==> flow/design.v <==
module dp_cmp_unit_rtl #(
    parameter integer DWIDTH = 7
) (
    input  wire clk_i,
    input  wire [DWIDTH-1:0] a_i,
    input  wire [DWIDTH-1:0] b_i,
    output wire less_o,
    output wire eq_o
);
    reg [DWIDTH-1:0] r_a;
    reg [DWIDTH-1:0] r_b;
    always @(posedge clk_i) begin
        r_a <= a_i;
        r_b <= b_i;
    end
    wire [DWIDTH:0] r = {1'b0, r_a} - {1'b0, r_b};
    assign less_o = r[DWIDTH];
    assign eq_o = ~|r[DWIDTH-1:0];
endmodule
From RTL to reports: dp_cmp_unit_rtl

What the tools print for dp_cmp_unit_rtl, step after step.
Lines are those of the file above, counted from 1.
Library cell names are shortened.
A cell with n/a has no value.

Design top: dp_cmp_unit_rtl
Clock: clk_i
Cell library: sky130hd
Timing corner: tt_025C_1v80

Word level

Source: Yosys, flattened and elaborated, memories not mapped. Widths are those after wreduce; folded enables and synchronous resets count as part of the registers. Registers that Yosys merges into a memory's read port (data or address) are not register bits. Print and check cells do not count. Equal cells are merged and count once.

Register bits: 14
Memory bits (writable): 0
Memory bits (read-only): 0
Clocked read ports x word width: 0
Memories: 0
Bits in latches: 0

Divide/modulo/power cells: 0
Multipliers: 0
Eq/ne operators: 0
Reductions and logical operators: 2
Magnitude comparators: 0
Multiplexer cells: 0
Add/subtract/negate cells: 1
Bitwise gates (word level): 0
Shift-type cells: 0

Operator list:

| operator                                    | count |
| 7-bit by 7-bit subtractor with 8-bit output | 1 |
| 7-bit OR reduction                          | 1 |
| 1-bit logical NOT                           | 1 |

Longest topological paths

Longest topological path by Yosys (ltp), each cell counted once; first at word level (registers and memories cut), then after technology mapping (sequential cells cut; the memories' decode and read muxes count).

Depth after elaboration: 3
ABC_AREA: 0
Mapped depth: 8
Depth with buffers taken out: 8

Netlist

Yosys stat after the flow's synthesis: flattened, memories mapped to cells. It holds for the ABC_AREA given above (unset counts as 0); a run with the other value may have another netlist.

Cell area after synthesis: 596.8 um^2
Mapped flip-flops: 14
Buffer cells: 0
Sequential area: 280.3 um^2
Cell count: 58

Cells by type:

| cell type | count |
| dfxtp_1   | 14 |
| ha_1      | 7 |
| inv_1     | 8 |
| nor2_1    | 8 |
| fa_1      | 1 |
| a21oi_1   | 3 |
| o21a_1    | 2 |
| nand2b_1  | 2 |
| nor4_2    | 1 |
| o22ai_2   | 1 |
| nor3_2    | 1 |
| a21oi_2   | 1 |
| o2111ai_1 | 1 |
| o31a_1    | 1 |
| xnor2_1   | 1 |
| xor2_1    | 1 |
| nor4_1    | 1 |
| or2_1     | 1 |

Not listed: further types 3, cells in them 3.

Path before layout

Source: OpenSTA report_checks on the synthesized netlist (no wires, ideal clock, input and output delay 20% of the period each), path of least setup slack; recovery checks are left aside. Register names are those of the netlist, which keeps one name where synthesis merged equal registers.

Path kind: register to output
From: register r_a[0]
To: output port eq_o
Arrival: 1.790 ns
Delay of the path: 1.790 ns
Slack: 0.450 ns
Path buffers: 0
Stages on the path: 9
Time at the first pin: 0.000 ns
Clock period: 2.8 ns
Data required time: 2.240 ns
Synthesis period reached: 2.35 ns

"delay of the path" = arrival - input delay + setup time.
At an output port there is no setup time.
"stages on the path": output pins that drive a net of the path, with the launching flip-flop's if there is one; two outputs of one cell count as two.
"synthesis period reached" is the clock period less the worst setup slack; recovery checks do not enter. This is arithmetic on one report: input and output delays are still those of the set period (20% each).
The rows between start and end are the longest chain of elaborated cells between them; the timing report does not say that the signal goes this way. Where chains are equally long, one stands for them.
A line is the first line of the expression or statement that the cell stems from. Yosys adds cells for indexed reads and writes and turns some case tables into memories.

Cells stage by stage: dfxtp_1 -> inv_1 -> ha_1 -> fa_1 -> nand2b_1 -> a21oi_1 -> o22ai_2 -> xnor2_1 -> nor4_2
Cells in the longest elaborated chain: 3
Elaborated cells on any way between the ends: 3
RTL lines with such cells: 2

RTL lines, path after synthesis:

| element                                     | RTL line | source |
| start: declaration                          | 10       | `reg [DWIDTH-1:0] r_a;` |
| start: assignment                           | 13       | `r_a <= a_i;` |
| 7-bit by 7-bit subtractor with 8-bit output | 16       | `wire [DWIDTH:0] r = {1'b0, r_a} - {1'b0, r_b};` |
| 7-bit OR reduction                          | 18       | `assign eq_o = ~\|r[DWIDTH-1:0];` |
| 1-bit logical NOT                           | 18       |  |
| end: declaration                            | 8        | `output wire eq_o` |

Path in the finished layout

From the final timing report of flow run C: the path of least setup slack in the routed layout; clock arrival at registers is part of the times.

Path kind: register to output
From: register r_a[0]
To: output port eq_o
Stages on the path: 10
Slack: 0.09 ns
Data required time: 2.24 ns
Path buffers: 1
Time at the first pin: 0.26 ns
Clock period: 2.8 ns
Arrival: 2.15 ns

The rows between start and end are the longest chain of elaborated cells between them; the timing report does not say that the signal goes this way. Where chains are equally long, one stands for them.

Cells stage by stage: dfxtp_1 -> inv_1 -> ha_1 -> fa_1 -> nand2b_4 -> a21oi_2 -> o22ai_2 -> xnor2_1 -> nor4_2 -> buf_2
Cells in the longest elaborated chain: 3
Elaborated cells on any way between the ends: 3
RTL lines with such cells: 2

RTL lines, path after layout:

| element                                     | RTL line | source |
| start: declaration                          | 10       | `reg [DWIDTH-1:0] r_a;` |
| start: assignment                           | 13       | `r_a <= a_i;` |
| 7-bit by 7-bit subtractor with 8-bit output | 16       | `wire [DWIDTH:0] r = {1'b0, r_a} - {1'b0, r_b};` |
| 7-bit OR reduction                          | 18       | `assign eq_o = ~\|r[DWIDTH-1:0];` |
| 1-bit logical NOT                           | 18       |  |
| end: declaration                            | 8        | `output wire eq_o` |

Ticket comment

Design dp_cmp_unit_rtl on sky130hd. What follows are 3 stored runs of the flow, each under its own settings; their order means nothing. The constraints put input and output delay at 20% of the set period each and load the outputs with 0.01 pF.
By "clock period reached" is meant the clock period of the run minus its worst setup slack. This is arithmetic on one report: input and output delays are still those of the set period (20% each).
"time of the worst setup path" is the time allowed to the run's worst setup path (the clock period less input and output delay, where it has them) less its slack. Clock arrival times count: a late capture clock shortens it, a late launch clock lengthens it.
"power consumption": no workload was simulated; the value follows from the tool's default switching activity.
A setting shown as . is not set for that run.
Results: . = not shown.

| setting or result                       | flow run A | flow run B | flow run C         |
| period_ns                               | 3.58       | 1.46       | 2.8                |
| CORE_UTILIZATION                        | 56         | 57         | 40                 |
| PLACE_DENSITY_LB_ADDON                  | 0.29       | 0.08       | .                  |
| CORE_ASPECT_RATIO                       | 0.53       | 0.71       | .                  |
| CELL_PAD_IN_SITES_DETAIL_PLACEMENT      | 2          | .          | .                  |
| GPL_ROUTABILITY_DRIVEN                  | 0          | 0          | .                  |
| CTS_CLUSTER_SIZE                        | 100        | .          | .                  |
| CAP_MARGIN                              | 20         | 20         | 20                 |
| MIN_ROUTING_LAYER                       | met1       | .          | .                  |
| CORE_MARGIN                             | 2          | 2          | 2                  |
| SLEW_MARGIN                             | 20         | 20         | 20                 |
| TNS_END_PERCENT                         | .          | 20         | .                  |
| GPL_TIMING_DRIVEN                       | .          | 0          | .                  |
| CTS_CLUSTER_DIAMETER                    | .          | 57         | .                  |
| setup slack of the worst path (ns)      | .          | .          | 0.095              |
| synthesized cell area (um^2)            | .          | .          | 596.8              |
| time of the worst setup path (ns)       | .          | .          | 2.15               |
| critical path type                      | .          | .          | register to output |
| post-route worst hold slack (ns)        | .          | .          | 0.730              |
| standard-cell area after routing (um^2) | .          | .          | 818.3              |
| area of the die (um^2)                  | .          | .          | 1816.9             |
| power consumption (µW)                  | .          | .          | 413.8              |
| clock period reached (ns)               | .          | .          | 2.705              |

Flow run A: incomplete, floorplanning halted on PDN-0185
Flow run B: incomplete, floorplanning halted on PDN-0185
